==> flow/design.v <==
module regfile #(
  parameter integer NWORDS = 10,
  parameter integer NBITS = 48,
  parameter integer AWIDTH = $clog2(NWORDS)
) (
  input wire i_clk,
  input wire rst_ni,
  input wire we,
  input wire [AWIDTH-1:0] write_addr,
  input wire [NBITS-1:0] wd,
  input wire [AWIDTH-1:0] raddr_a,
  input wire [AWIDTH-1:0] raddr_b,
  output wire [NBITS-1:0] q_a,
  output wire [NBITS-1:0] q_b
);
  reg [NBITS-1:0] array [0:NWORDS-1];
  always @(posedge i_clk) begin
    if (we && write_addr != 0)
      array[write_addr] <= wd;
  end
  reg [NBITS-1:0] q_a_s;
  always @(posedge i_clk or negedge rst_ni) begin
    if (~rst_ni) begin
      q_a_s <= 0;
    end else begin
      q_a_s <= (raddr_a == 0) ? {NBITS{1'b0}} : array[raddr_a];
    end
  end
  assign q_a = q_a_s;
  reg [NBITS-1:0] q_b_s;
  always @(posedge i_clk or negedge rst_ni) begin
    if (~rst_ni) begin
      q_b_s <= 0;
    end else begin
      q_b_s <= (raddr_b == 0) ? {NBITS{1'b0}} : array[raddr_b];
    end
  end
  assign q_b = q_b_s;
endmodule
From RTL to reports: regfile:

Tool output for the design above, in the order of the flow.
Line numbers count from 1 in the design file above.
The mark n/a stands for no value.

* top: regfile
* clock input: i_clk
* library: sky130hd
* library corner: tt_025C_1v80

After elaboration:

Counts by Yosys on the flattened word-level netlist (proc, flatten, opt, wreduce; memories kept). Register bits leave out memories and registers merged into their read ports (data or address); mux counts leave out enables and synchronous resets folded into registers. Print and check cells are left out. Cells with the same type and inputs are merged into one.
Yosys's memory passes give these memory sizes; they may raise the number of words (mostly to a power of two), join words into wider ones and drop unused or constant bits.

* register bits: 96
* bits in writable memories: 480
* memory cells: 1
* word-level cells: 12

Memories
* array: depth 10, bits a word 48, rd ports 2, write ports 1, line 16 `reg [NBITS-1:0] array [0:NWORDS-1];`

* mux-type cells: 5
* reductions and logical operators: 4

Operator list (number)
* 48-bit two-way mux: 3
* 4-bit zero test: 2
* 4-bit nonzero test: 1
* 4-bit two-way mux: 1
* 1-bit logical AND: 1
* 1-bit two-way mux: 1

Depth:

Depth = most cells in a row (Yosys ltp): at word level without a register or memory, in the mapped netlist without a sequential cell, where the memories' decode and read muxes count.

* depth in word-level cells: 3
* ABC_AREA: 0
* mapped depth: 7
* depth with buffers taken out: 4

Netlist:

Yosys stat after the flow's synthesis: flattened, memories mapped to cells. It holds for the ABC_AREA given above (unset counts as 0); a run with the other value may have another netlist.
Totals and module areas in this step are rounded.

* cell count: 1531
* cell area after synthesis: 23200 µm²
* sequential part of the area: 15400 µm²
* mapped flip-flops: 528
* buffers: 116

Cell types (number)
* sky130_fd_sc_hd__edfxtp_1: 432
* sky130_fd_sc_hd__mux2i_1: 288
* sky130_fd_sc_hd__dfrtp_1: 96
* sky130_fd_sc_hd__o31a_1: 96
* sky130_fd_sc_hd__mux2_1: 65
* sky130_fd_sc_hd__o22ai_1: 96
* sky130_fd_sc_hd__a22oi_1: 65
* sky130_fd_sc_hd__mux2_4: 30
* sky130_fd_sc_hd__nor2_1: 102
* sky130_fd_sc_hd__a22oi_2: 30
* sky130_fd_sc_hd__nand2_1: 100
* sky130_fd_sc_hd__buf_4: 23
* sky130_fd_sc_hd__buf_2: 31
* sky130_fd_sc_hd__clkbuf_1: 40
* sky130_fd_sc_hd__buf_6: 10
* sky130_fd_sc_hd__buf_1: 12
* sky130_fd_sc_hd__nand2b_1: 5
* sky130_fd_sc_hd__nand3b_1: 3

Not listed: further types 5, cells in them 7.

Worst setup path after synthesis:

Source: OpenSTA report_checks on the synthesized netlist (no wires, ideal clock, input and output delay 20% of the period each), path of least setup slack; recovery checks are left aside. Register names are those of the netlist, which keeps one name where synthesis merged equal registers.

* path type: in2reg
* from: input port write_addr[3]
* to: memory array[4][0]
* period: 6250 ps
* external input delay: 1250 ps
* setup time: 513 ps
* time at the first pin: 1250 ps
* arrival time: 4740 ps
* data required time: 5737 ps
* path slack: 997 ps
* delay of the path: 4003 ps
* stages on the path: 2
* path buffers: 0
* synthesis period reached: 5253 ps

"delay of the path" is the arrival time less input delay plus setup time.
"stages on the path" counts driving pins, that of a launching flip-flop among them; a cell with two outputs on the path counts twice.
"synthesis period reached" is the clock period less the worst setup slack; recovery checks do not enter. This is arithmetic on one report: input and output delays are still those of the set period (20% each).
Between the ends stands the longest chain of elaborated cells between them, by number of cells; it is not shown to be the way that was timed. Of several equally long chains one is given.
A line is the first line of the expression or statement that the cell stems from. Yosys adds cells for indexed reads and writes and turns some case tables into memories.
The path ends at the enable pin of a flip-flop; only ways to that pin are counted.

* cells stage by stage: sky130_fd_sc_hd__nand3b_1 -> sky130_fd_sc_hd__nor3_1
* cells in the longest elaborated chain: 3
* elaborated cells between the ends (all ways): 4
* source lines of those cells: 1
* those cells by class: mux: 2; reduce/logical: 2

RTL lines, path post-synthesis
* start, declared: line 9 `input wire [AWIDTH-1:0] write_addr,`
* 4-bit nonzero test: line 18 `if (we && write_addr != 0)`
* 1-bit logical AND: line 18
* 4-bit two-way mux: line 18
* end, declared: line 16 `reg [NBITS-1:0] array [0:NWORDS-1];`

Timing after layout:

From the final timing report of stored run 1: the path of least setup slack in the routed layout; clock arrival at registers is part of the times.
The path's times are printed in steps of 10 ps; the period is the one set.

* path type: in2reg
* from: input port we
* to: memory array[2][6]
* period: 6250 ps
* external input delay: 1250 ps
* setup time: 330 ps
* time at the first pin: 1250 ps
* arrival time: 3670 ps
* data required time: 6520 ps
* path slack: 2850 ps
* stages on the path: 4
* path buffers: 2

Between the ends stands the longest chain of elaborated cells between them, by number of cells; it is not shown to be the way that was timed. Of several equally long chains one is given.
The path ends at the enable pin of a flip-flop; only ways to that pin are counted.

* cells stage by stage: sky130_fd_sc_hd__clkdlybuf4s50_1 -> sky130_fd_sc_hd__or3b_2 -> sky130_fd_sc_hd__nor2_4 -> sky130_fd_sc_hd__buf_4
* cells in the longest elaborated chain: 2
* elaborated cells between the ends (all ways): 3
* source lines of those cells: 1
* those cells by class: mux: 2; reduce/logical: 1

RTL lines, path after layout
* start, declared: line 8 `input wire we,`
* 1-bit logical AND: line 18 `if (we && write_addr != 0)`
* 4-bit two-way mux: line 18
* end, declared: line 16 `reg [NBITS-1:0] array [0:NWORDS-1];`

Measured data: module regfile, platform sky130hd, 3 stored runs of the flow under differing settings, order arbitrary. Input and output delays are each 20% of the period that was set; the output load is 0.01 pF.
By "period achieved" is meant the clock period of the run minus its worst setup slack. This is arithmetic on one report: input and output delays are still those of the set period (20% each).
"worst path time" is the time allowed to the run's worst setup path (the clock period less input and output delay, where it has them) less its slack. Clock arrival times count: a late capture clock shortens it, a late launch clock lengthens it.
"power consumption": no workload was simulated; the value follows from the tool's default switching activity.
"worst path time" is given in steps of 10 ps.
Measured values are rounded.

### Stored run 1

Settings: `period_ns=6.25`, `CAP_MARGIN=20`, `CORE_MARGIN=2`, `CORE_UTILIZATION=40`, `SLEW_MARGIN=20`

- Die size: 60,000 µm²
- Standard-cell area after layout: 27,400 µm²
- Worst setup slack after layout: 2,850 ps
- Worst path time: 2,150 ps
- Class of the worst setup path: in2reg
- Power consumption: 0.00797 W
- Utilization of the finished layout: 47.5 %
- Synthesized cell area: 23,200 µm²
- Summed negative setup slack: 0 ps
- Period achieved: 3,396 ps

### Stored run 2

Settings: `period_ns=4.25`, `CORE_UTILIZATION=50`, `PLACE_DENSITY_LB_ADDON=0.16`, `HOLD_SLACK_MARGIN=0.2`, `CELL_PAD_IN_SITES_GLOBAL_PLACEMENT=3`, `TNS_END_PERCENT=75`, `CTS_CLUSTER_DIAMETER=252`, `CAP_MARGIN=0`, `CORE_MARGIN=2`, `SLEW_MARGIN=20`

- Period achieved: 2,518 ps
- Worst path time: 1,670 ps
- Class of the worst setup path: in2reg
- Synthesized cell area: 23,200 µm²
- Utilization of the finished layout: 59.7 %
- Worst setup slack after layout: 1,730 ps
- Power consumption: 0.0117 W
- Standard-cell area after layout: 27,200 µm²
- Summed negative setup slack: 0 ps
- Die size: 48,200 µm²

### Stored run 3

Settings: `period_ns=7.79`, `CORE_UTILIZATION=31`, `PLACE_DENSITY_LB_ADDON=0.01`, `CORE_ASPECT_RATIO=1.21`, `CELL_PAD_IN_SITES_DETAIL_PLACEMENT=1`, `ABC_AREA=0`, `GPL_ROUTABILITY_DRIVEN=0`, `SLEW_MARGIN=35`, `MAX_ROUTING_LAYER=met4`, `CAP_MARGIN=20`, `CORE_MARGIN=2`

- Period achieved: 3,553 ps
- Utilization of the finished layout: 37.3 %
- Synthesized cell area: 23,200 µm²
- Power consumption: 0.00655 W
- Standard-cell area after layout: 27,700 µm²
- Die size: 77,200 µm²
- Worst path time: 1,990 ps
- Class of the worst setup path: in2reg
- Worst setup slack after layout: 4,240 ps
- Summed negative setup slack: 0 ps
